==> flow/design.v <==
module chooser_n #(
    parameter DW = 8,
    parameter COUNT = 24,
    parameter SW = $clog2(COUNT)
) (
    input wire aclk,
    input wire resetn,
    input wire [COUNT*DW-1:0] i_data,
    input wire [SW-1:0] i_pick,
    output reg [DW-1:0] o_q
);
    reg [COUNT*DW-1:0] data_s;
    reg [SW-1:0] pick_s;
    always @(posedge aclk or negedge resetn) begin
        if (~resetn) begin
            data_s <= 0;
            pick_s <= 0;
        end else begin
            data_s <= i_data;
            pick_s <= i_pick;
        end
    end
    reg [DW-1:0] t;
    integer k;
    always @(*) begin
        t = 0;
        for (k = 0; k < COUNT; k = k + 1)
            if (pick_s == k) t = data_s[k*DW +: DW];
    end
    always @(posedge aclk or negedge resetn) begin
        if (~resetn) begin
            o_q <= 0;
        end else begin
            o_q <= t;
        end
    end
endmodule
# [Reports on chooser_n]
# The steps from the RTL of chooser_n to its reports follow in flow order.
# Lines are those of the file above, counted from 1.
# Cell names lack the library's common part.
# A cell with n/a has no value.
[inputs] design="chooser_n" clock_port="aclk" cell_library="sky130hd" pvt_corner="tt_025C_1v80"

# [After elaboration]
# Counts by Yosys on the flattened word-level netlist (proc, flatten, opt, wreduce; memories kept). Register bits leave out memories and registers merged into their read ports (data or address); mux counts leave out enables and synchronous resets folded into registers. Print and check cells are left out. Cells with the same type and inputs are merged into one.
[word_totals] output_inout_bits=8 elab_cells=51 register_bits=205 inputBits=199
[classes] n_mux=24 eq_ne=23 n_reduce_logical=1
[op_table] operator="two-way mux 8 bit" n=24
[op_table] operator="equality test 5 x 4 -> 1 bit with constant B" n=8
[op_table] operator="equality test 5 bit with constant B" n=8
[op_table] operator="equality test 5 x 3 -> 1 bit with constant B" n=4
[op_table] operator="equality test 5 x 2 -> 1 bit with constant B" n=2
[op_table] operator="equality test 5 x 1 -> 1 bit with constant B" n=1
[op_table] operator="zero test 5 bit" n=1

# [Depth]
# Longest topological path by Yosys (ltp), each cell counted once; first at word level (registers and memories cut), then after technology mapping (sequential cells cut; the memories' decode and read muxes count).
[logic_depth] word_depth=25 ABC_AREA=0 mapped_depth=10 depth_no_buf=6

# [Synthesis result]
# Source: synth_stat.txt of the flow (Yosys; design flattened, memories mapped). It holds for the ABC_AREA given above (unset counts as 0); a run with the other value may have another netlist.
# Totals and module areas in this step are rounded.
[mapped] yosys_area_um2=7300 ffs=205 stdcells=550 n_buf=33 seqArea_um2=5130
[by_type] cell="dfrtp_1" n=205 area_total_um2=5129.92
[by_type] cell="mux2i_1" n=17 area_total_um2=170.163
[by_type] cell="o21ai_0" n=33 area_total_um2=165.158
[by_type] cell="a21oi_1" n=31 area_total_um2=155.149
[by_type] cell="mux4_2" n=6 area_total_um2=135.13
[by_type] cell="nand2_1" n=31 area_total_um2=116.362
[by_type] cell="nor2_1" n=26 area_total_um2=97.594
[by_type] cell="o22ai_1" n=15 area_total_um2=93.84
[by_type] cell="buf_2" n=17 area_total_um2=85.082
[by_type] cell="nand3_1" n=17 area_total_um2=85.082
[by_type] cell="a22oi_1" n=11 area_total_um2=82.579
[by_type] cell="nor2b_1" n=12 area_total_um2=75.072
[by_type] cell="nand2b_1" n=11 area_total_um2=68.816
[by_type] cell="mux2_2" n=6 area_total_um2=67.565
[by_type] cell="a31oi_1" n=9 area_total_um2=56.304
[by_type] cell="nor3_1" n=11 area_total_um2=55.053
[by_type] cell="nor3b_1" n=6 area_total_um2=45.043
[by_type] cell="a221oi_1" n=5 area_total_um2=43.792
# Not listed: further types 40, cells in them 81.

# [Path before layout]
# Source: OpenSTA report_checks on the synthesized netlist (no wires, ideal clock, input and output delay 20% of the period each), path of least setup slack; recovery checks are left aside. Register names are those of the netlist, which keeps one name where synthesis merged equal registers.
[synth_path] kind="register -> register" start="register pick_s[0]" end="register o_q[2]" t_arrival_ns=1.811 launch_ns=0.000 path_delay_ns=1.901 setup_ns=0.090 setup_slack_ns=0.479 n_path_buf=1 clock_period_ns=2.38 t_required_ns=2.290 path_stages=7 period_less_setup_slack_ns=1.901
# "path_delay_ns" is the arrival time less input delay plus setup time.
# "path_stages": output pins that drive a net of the path, with the launching flip-flop's if there is one; two outputs of one cell count as two.
# "period_less_setup_slack_ns" = period - worst setup slack (recovery checks aside). The figure is calculated, with input and output delays left at 20% of the set period.
# Between the ends stands the longest chain of elaborated cells between them, by number of cells; it is not shown to be the way that was timed. Of several equally long chains one is given.
# A line is the first line of the expression or statement that the cell stems from. Yosys adds cells for indexed reads and writes and turns some case tables into memories.
[synth_via] path_cell_list="dfrtp_1 -> buf_2 -> or4b_4 -> a31oi_1 -> a21oi_1 -> or4_1 -> o221ai_1" elab_chain_len=25 cells_between=48 lines_between=1 classes_between="23 x eq/ne; 24 x mux; 1 x reduce/logical"
[synth_rtl] item="from (decl)" line_no=13 rtl="reg [SW-1:0] pick_s;"
[synth_rtl] item="from (assign)" line_no=17 rtl="pick_s <= 0;"
[synth_rtl] item="from (assign)" line_no=20 rtl="pick_s <= i_pick;"
[synth_rtl] item="zero test 5 bit" line_no=28 rtl="if (pick_s == k) t = data_s[k*DW +: DW];"
[synth_rtl] item="two-way mux 8 bit (24 in a row)" line_no=28
[synth_rtl] item="to (assign)" line_no=32 rtl="o_q <= 0;"
[synth_rtl] item="to (assign)" line_no=34 rtl="o_q <= t;"
[synth_rtl] item="to (decl)" line_no=10 rtl="output reg [DW-1:0] o_q"

# [Timing after layout]
# From the final timing report of entry B: the path of least setup slack in the routed layout; clock arrival at registers is part of the times.
[layout_path] kind="register -> register" start="register pick_s[1]" end="register o_q[4]" t_required_ns=2.83 setup_ns=0.06 launch_ns=0.50 t_arrival_ns=2.71 path_stages=8 n_path_buf=2 clock_period_ns=2.38 setup_slack_ns=0.12
# Between the ends stands the longest chain of elaborated cells between them, by number of cells; it is not shown to be the way that was timed. Of several equally long chains one is given.
[layout_via] path_cell_list="dfrtp_2 -> nor2b_1 -> buf_4 -> a22o_1 -> a21oi_1 -> o311ai_0 -> buf_4 -> a21o_1" elab_chain_len=25 cells_between=48 lines_between=1 classes_between="23 x eq/ne; 24 x mux; 1 x reduce/logical"
[layout_rtl] item="from (decl)" line_no=13 rtl="reg [SW-1:0] pick_s;"
[layout_rtl] item="from (assign)" line_no=17 rtl="pick_s <= 0;"
[layout_rtl] item="from (assign)" line_no=20 rtl="pick_s <= i_pick;"
[layout_rtl] item="zero test 5 bit" line_no=28 rtl="if (pick_s == k) t = data_s[k*DW +: DW];"
[layout_rtl] item="two-way mux 8 bit (24 in a row)" line_no=28
[layout_rtl] item="to (assign)" line_no=32 rtl="o_q <= 0;"
[layout_rtl] item="to (assign)" line_no=34 rtl="o_q <= t;"
[layout_rtl] item="to (decl)" line_no=10 rtl="output reg [DW-1:0] o_q"

# Module chooser_n, platform sky130hd: 3 stored runs of the flow (Yosys, OpenROAD) with differing settings, in no particular order. Input and output delays are each 20% of the period that was set; the output load is 0.01 pF.
# "achievedPeriod_ns" means the clock period less the worst setup slack. The figure is calculated, with input and output delays left at 20% of the set period.
# "worst_setup_path_time_ns" means the part of the period allowed to the worst setup path (the constraints hold back 20% at inputs and 20% at outputs) less its slack; where the path has registers, the arrival times of their clocks count too.
# By "design_power_mw" is meant OpenSTA's value without simulated activity: inputs other than the clock are taken to toggle once in ten clock periods, and the tool carries that through the logic.
# Results are given in rounded form.
run="entry A" settings period_ns=1.82 CORE_UTILIZATION=65 SETUP_SLACK_MARGIN=0.27 CORE_MARGIN=4 CELL_PAD_IN_SITES_DETAIL_PLACEMENT=2 TNS_END_PERCENT=50 ABC_AREA=0 GPL_ROUTABILITY_DRIVEN=1 CTS_CLUSTER_SIZE=30 SLEW_MARGIN=30 CAP_MARGIN=20
run="entry A" outcome="stopped before the end: placement reported a tool error"
run="entry B" settings period_ns=2.38 CAP_MARGIN=20 CORE_MARGIN=2 CORE_UTILIZATION=40 SLEW_MARGIN=20
run="entry B" results yosys.chip_area_um2=7300 dieArea_um2=19300 finalCellArea_um2=10500 post_route_util_pct=58.5 ws_setup_ns=0.117 final_setup_tns_ns=0.000 design_power_mw=7.92 achievedPeriod_ns=2.263 worst_setup_path_time_ns=2.26 critical_path_type="register -> register"
run="entry C" settings period_ns=1.35 CORE_UTILIZATION=15 SETUP_SLACK_MARGIN=0.4 HOLD_SLACK_MARGIN=0.26 CELL_PAD_IN_SITES_GLOBAL_PLACEMENT=1 CELL_PAD_IN_SITES_DETAIL_PLACEMENT=0 TNS_END_PERCENT=90 ABC_AREA=0 MIN_ROUTING_LAYER="met1" CAP_MARGIN=20 CORE_MARGIN=2 SLEW_MARGIN=20
run="entry C" results yosys.chip_area_um2=7300 dieArea_um2=50500 finalCellArea_um2=14400 post_route_util_pct=30.0 ws_setup_ns=-0.576 final_setup_tns_ns=-4.22 design_power_mw=15.6 achievedPeriod_ns=1.926 worst_setup_path_time_ns=1.93 critical_path_type="register -> register"
